==> flow/design.v <==
module u_reg_bank_p #(
    parameter NUM_REGS = 6,
    parameter DW = 32,
    parameter IDX_W = $clog2(NUM_REGS)
) (
    input  ck,
    input  [IDX_W-1:0] addr,
    input  load,
    input  [DW-1:0] din,
    output reg [DW-1:0] dout
);
    reg [DW-1:0] regs [0:NUM_REGS-1];
    always @(posedge ck)
        if (load) regs[addr] <= din;
    always @(posedge ck)
        dout <= regs[addr];
endmodule
# --- Step by step through the tools: u_reg_bank_p ---
# What the tools print for u_reg_bank_p, step after step.
# Line numbers count from 1 in the design file above.
# Operators carry their Yosys type and port widths (W data, S select, Z words).
design:
  design: "u_reg_bank_p"
  clock_port: "ck"
  library: "sky130hd"
  pvt_corner: "tt_025C_1v80"

# --- Word level ---
# Counts by Yosys on the flattened word-level netlist (proc, flatten, opt, wreduce; memories kept). Register bits leave out memories and registers merged into their read ports (data or address); mux counts leave out enables and synchronous resets folded into registers. Print and check cells are left out. Cells with the same type and inputs are merged into one.
# Memory sizes are those after Yosys's memory passes, which may raise the word count (mostly to a power of two), join words into wider ones and drop unused or constant bits.
bits:
  mem_count: 1
  clocked_rd_ports_x_width: 32
  word_cells: 4
  register_bits: 0
  mem_bits_rw: 192
memory_table:
  columns: ["name", "size", "word_bits", "read_ports", "wr", "line", "rtl"]
  rows:
  - ["regs", 6, 32, 1, 1, 12, "reg [DW-1:0] regs [0:NUM_REGS-1];"]
classes:
  n_mux: 3
ops:
  columns: ["cell", "n"]
  rows:
  - ["$mux W32", 1]
  - ["$mux W3", 1]
  - ["$mux W1", 1]

# --- Longest topological paths ---
# Longest topological path by Yosys (ltp), each cell counted once; first at word level (registers and memories cut), then after technology mapping (sequential cells cut; the memories' decode and read muxes count).
logic_depth:
  depth_word: 1
  ABC_AREA: 0
  mapped_depth: 5

# --- After synthesis ---
# Source: synth_stat.txt of the flow (Yosys; design flattened, memories mapped). It holds for the ABC_AREA given above (unset counts as 0); a run with the other value may have another netlist.
types:
  columns: ["type", "n", "area_total_um2"]
  rows:
  - ["sky130_fd_sc_hd__edfxtp_1", 192, 5765.53]
  - ["sky130_fd_sc_hd__dfxtp_1", 32, 640.614]
  - ["sky130_fd_sc_hd__mux2i_1", 64, 640.614]
  - ["sky130_fd_sc_hd__mux2_2", 22, 247.738]
  - ["sky130_fd_sc_hd__o221ai_1", 22, 192.685]
  - ["sky130_fd_sc_hd__o221ai_2", 10, 150.144]
  - ["sky130_fd_sc_hd__nand2_1", 33, 123.869]
  - ["sky130_fd_sc_hd__mux2_1", 10, 112.608]
  - ["sky130_fd_sc_hd__buf_4", 8, 60.058]
  - ["sky130_fd_sc_hd__buf_2", 6, 30.029]
  - ["sky130_fd_sc_hd__clkbuf_1", 7, 26.275]
  - ["sky130_fd_sc_hd__nor3b_1", 2, 15.014]
  - ["sky130_fd_sc_hd__buf_6", 1, 11.261]
  - ["sky130_fd_sc_hd__and4b_1", 1, 10.01]
  - ["sky130_fd_sc_hd__and3b_1", 1, 8.758]
  - ["sky130_fd_sc_hd__and3_1", 1, 6.256]
  - ["sky130_fd_sc_hd__nand2b_1", 1, 6.256]
  - ["sky130_fd_sc_hd__nor2b_1", 1, 6.256]
# Other cell types: 3; their cells: 3.
mapped:
  mapped_area_mm2: 0.008069
  stdcells: 417
  buf_cells: 23
  seqArea_mm2: 0.0064061
  flip_flops: 224

# --- Timing after synthesis ---
# Source: OpenSTA report_checks on the synthesized netlist (no wires, ideal clock, input and output delay 20% of the period each), path of least setup slack; recovery checks are left aside. Register names are those of the netlist, which keeps one name where synthesis merged equal registers.
synth_path:
  path_kind: "input to register"
  startpoint: "in addr[2]"
  endpoint: "mem regs[0][0]"
  path_delay_ps: 3263
  driving_pins: 3
  required_ps: 4632
  setup_slack_ps: 817
  arrival_time_ps: 3815
  setup_time_ps: 468
  period_ps: 5100
  period_less_setup_slack_ps: 4283
# "path_delay_ps" is the arrival time less input delay plus setup time.
# "driving_pins": output pins that drive a net of the path, with the launching flip-flop's if there is one; two outputs of one cell count as two.
# "period_less_setup_slack_ps" = period - worst setup slack (recovery checks aside). The figure is calculated, with input and output delays left at 20% of the set period.
# The rows between start and end are the longest chain of elaborated cells between them; the timing report does not say that the signal goes this way. Where chains are equally long, one stands for them.
# Each line given opens the expression or statement behind the cell; cells for indexed reads and writes are added by Yosys, which also makes memories of some case tables.
synth_via:
  cell_sequence: "sky130_fd_sc_hd__clkbuf_1 > sky130_fd_sc_hd__clkbuf_1 > sky130_fd_sc_hd__nor3b_1"
  elab_chain_len: 1
  cells_between: 1
  cone_classes: "1 x mux"
synth_rtl:
  columns: ["item", "line", "rtl"]
  rows:
  - ["start: declaration", 7, "input  [IDX_W-1:0] addr,"]
  - ["$mux W3", 14, "if (load) regs[addr] <= din;"]
  - ["end: declaration", 12, "reg [DW-1:0] regs [0:NUM_REGS-1];"]

# --- Timing after layout ---
# Path of least setup slack in the final report of flow run 1 (OpenROAD, finished layout, wires in). Where an end is a register, its clock arrival counts in the times.
# The path's times are printed in steps of 10 ps; the period is the one set.
layout_path:
  path_kind: "input to register"
  startpoint: "in load"
  endpoint: "mem regs[1][8]"
  setup_slack_ps: 2840
  driving_pins: 6
  required_ps: 5690
  arrival_time_ps: 2850
  period_ps: 5500
  setup_time_ps: 280
# The rows between start and end are the longest chain of elaborated cells between them; the timing report does not say that the signal goes this way. Where chains are equally long, one stands for them.
# Only ways into the end's enable, where the timed path ends, are counted here.
layout_via:
  cell_sequence: "sky130_fd_sc_hd__clkdlybuf4s50_1 > sky130_fd_sc_hd__nor2b_1 > sky130_fd_sc_hd__nand2_1 > sky130_fd_sc_hd__nor2_4 > sky130_fd_sc_hd__buf_8 > sky130_fd_sc_hd__buf_8"
  elab_chain_len: 1
  cells_between: 2
  cone_classes: "2 x mux"
layout_rtl:
  columns: ["item", "line", "rtl"]
  rows:
  - ["start: declaration", 8, "input  load,"]
  - ["$mux W3", 14, "if (load) regs[addr] <= din;"]
  - ["end: declaration", 12, "reg [DW-1:0] regs [0:NUM_REGS-1];"]

# Record of 3 stored runs of the RTL-to-layout flow on u_reg_bank_p, platform sky130hd. The runs are unordered. Constraints: input delay and output delay 20% of the set period each, output load 0.01 pF.
# "timing.achieved_period_ps" = clock period - worst setup slack. The figure is calculated, with input and output delays left at 20% of the set period.
# "total_power_mw" rests on the timing tool's default activity at the inputs, not on a simulated workload.
runs:
  - name: "flow run 1"
    settings:
      period_ns: 5.5
      CORE_UTILIZATION: 54
      SETUP_SLACK_MARGIN: -0.31
      PLACE_DENSITY_LB_ADDON: 0.09
      CORE_ASPECT_RATIO: 1.41
      CELL_PAD_IN_SITES_DETAIL_PLACEMENT: 0
      TNS_END_PERCENT: 30
      GPL_ROUTABILITY_DRIVEN: 1
      CTS_CLUSTER_SIZE: 91
      SLEW_MARGIN: 40
      CAP_MARGIN: 20
      CORE_MARGIN: 2
    results:
      total_power_mw: 3.483
      die_footprint_mm2: 0.0159508
      ws_hold_ps: 553
      worstSetupSlack_ps: 2842
      timing.achieved_period_ps: 2658
      yosys.chip_area_mm2: 0.008069
      stdcell_area_mm2: 0.0095829
  - name: "flow run 2"
    settings:
      period_ns: 6.24
      CORE_UTILIZATION: 35
      SETUP_SLACK_MARGIN: -0.06
      PLACE_DENSITY: 0.7
      CORE_MARGIN: 9
      CTS_CLUSTER_DIAMETER: 213
      SLEW_MARGIN: 20
      CAP_MARGIN: 20
    results:
      total_power_mw: 3.187
      die_footprint_mm2: 0.0288439
      ws_hold_ps: 563
      worstSetupSlack_ps: 2669
      timing.achieved_period_ps: 3571
      yosys.chip_area_mm2: 0.008069
      stdcell_area_mm2: 0.0097631
  - name: "flow run 3"
    settings:
      period_ns: 5.1
      CAP_MARGIN: 20
      CORE_MARGIN: 2
      CORE_UTILIZATION: 40
      SLEW_MARGIN: 20
    results:
      total_power_mw: 3.932
      die_footprint_mm2: 0.0213248
      ws_hold_ps: 562
      worstSetupSlack_ps: 2156
      timing.achieved_period_ps: 2944
      yosys.chip_area_mm2: 0.008069
      stdcell_area_mm2: 0.0097606
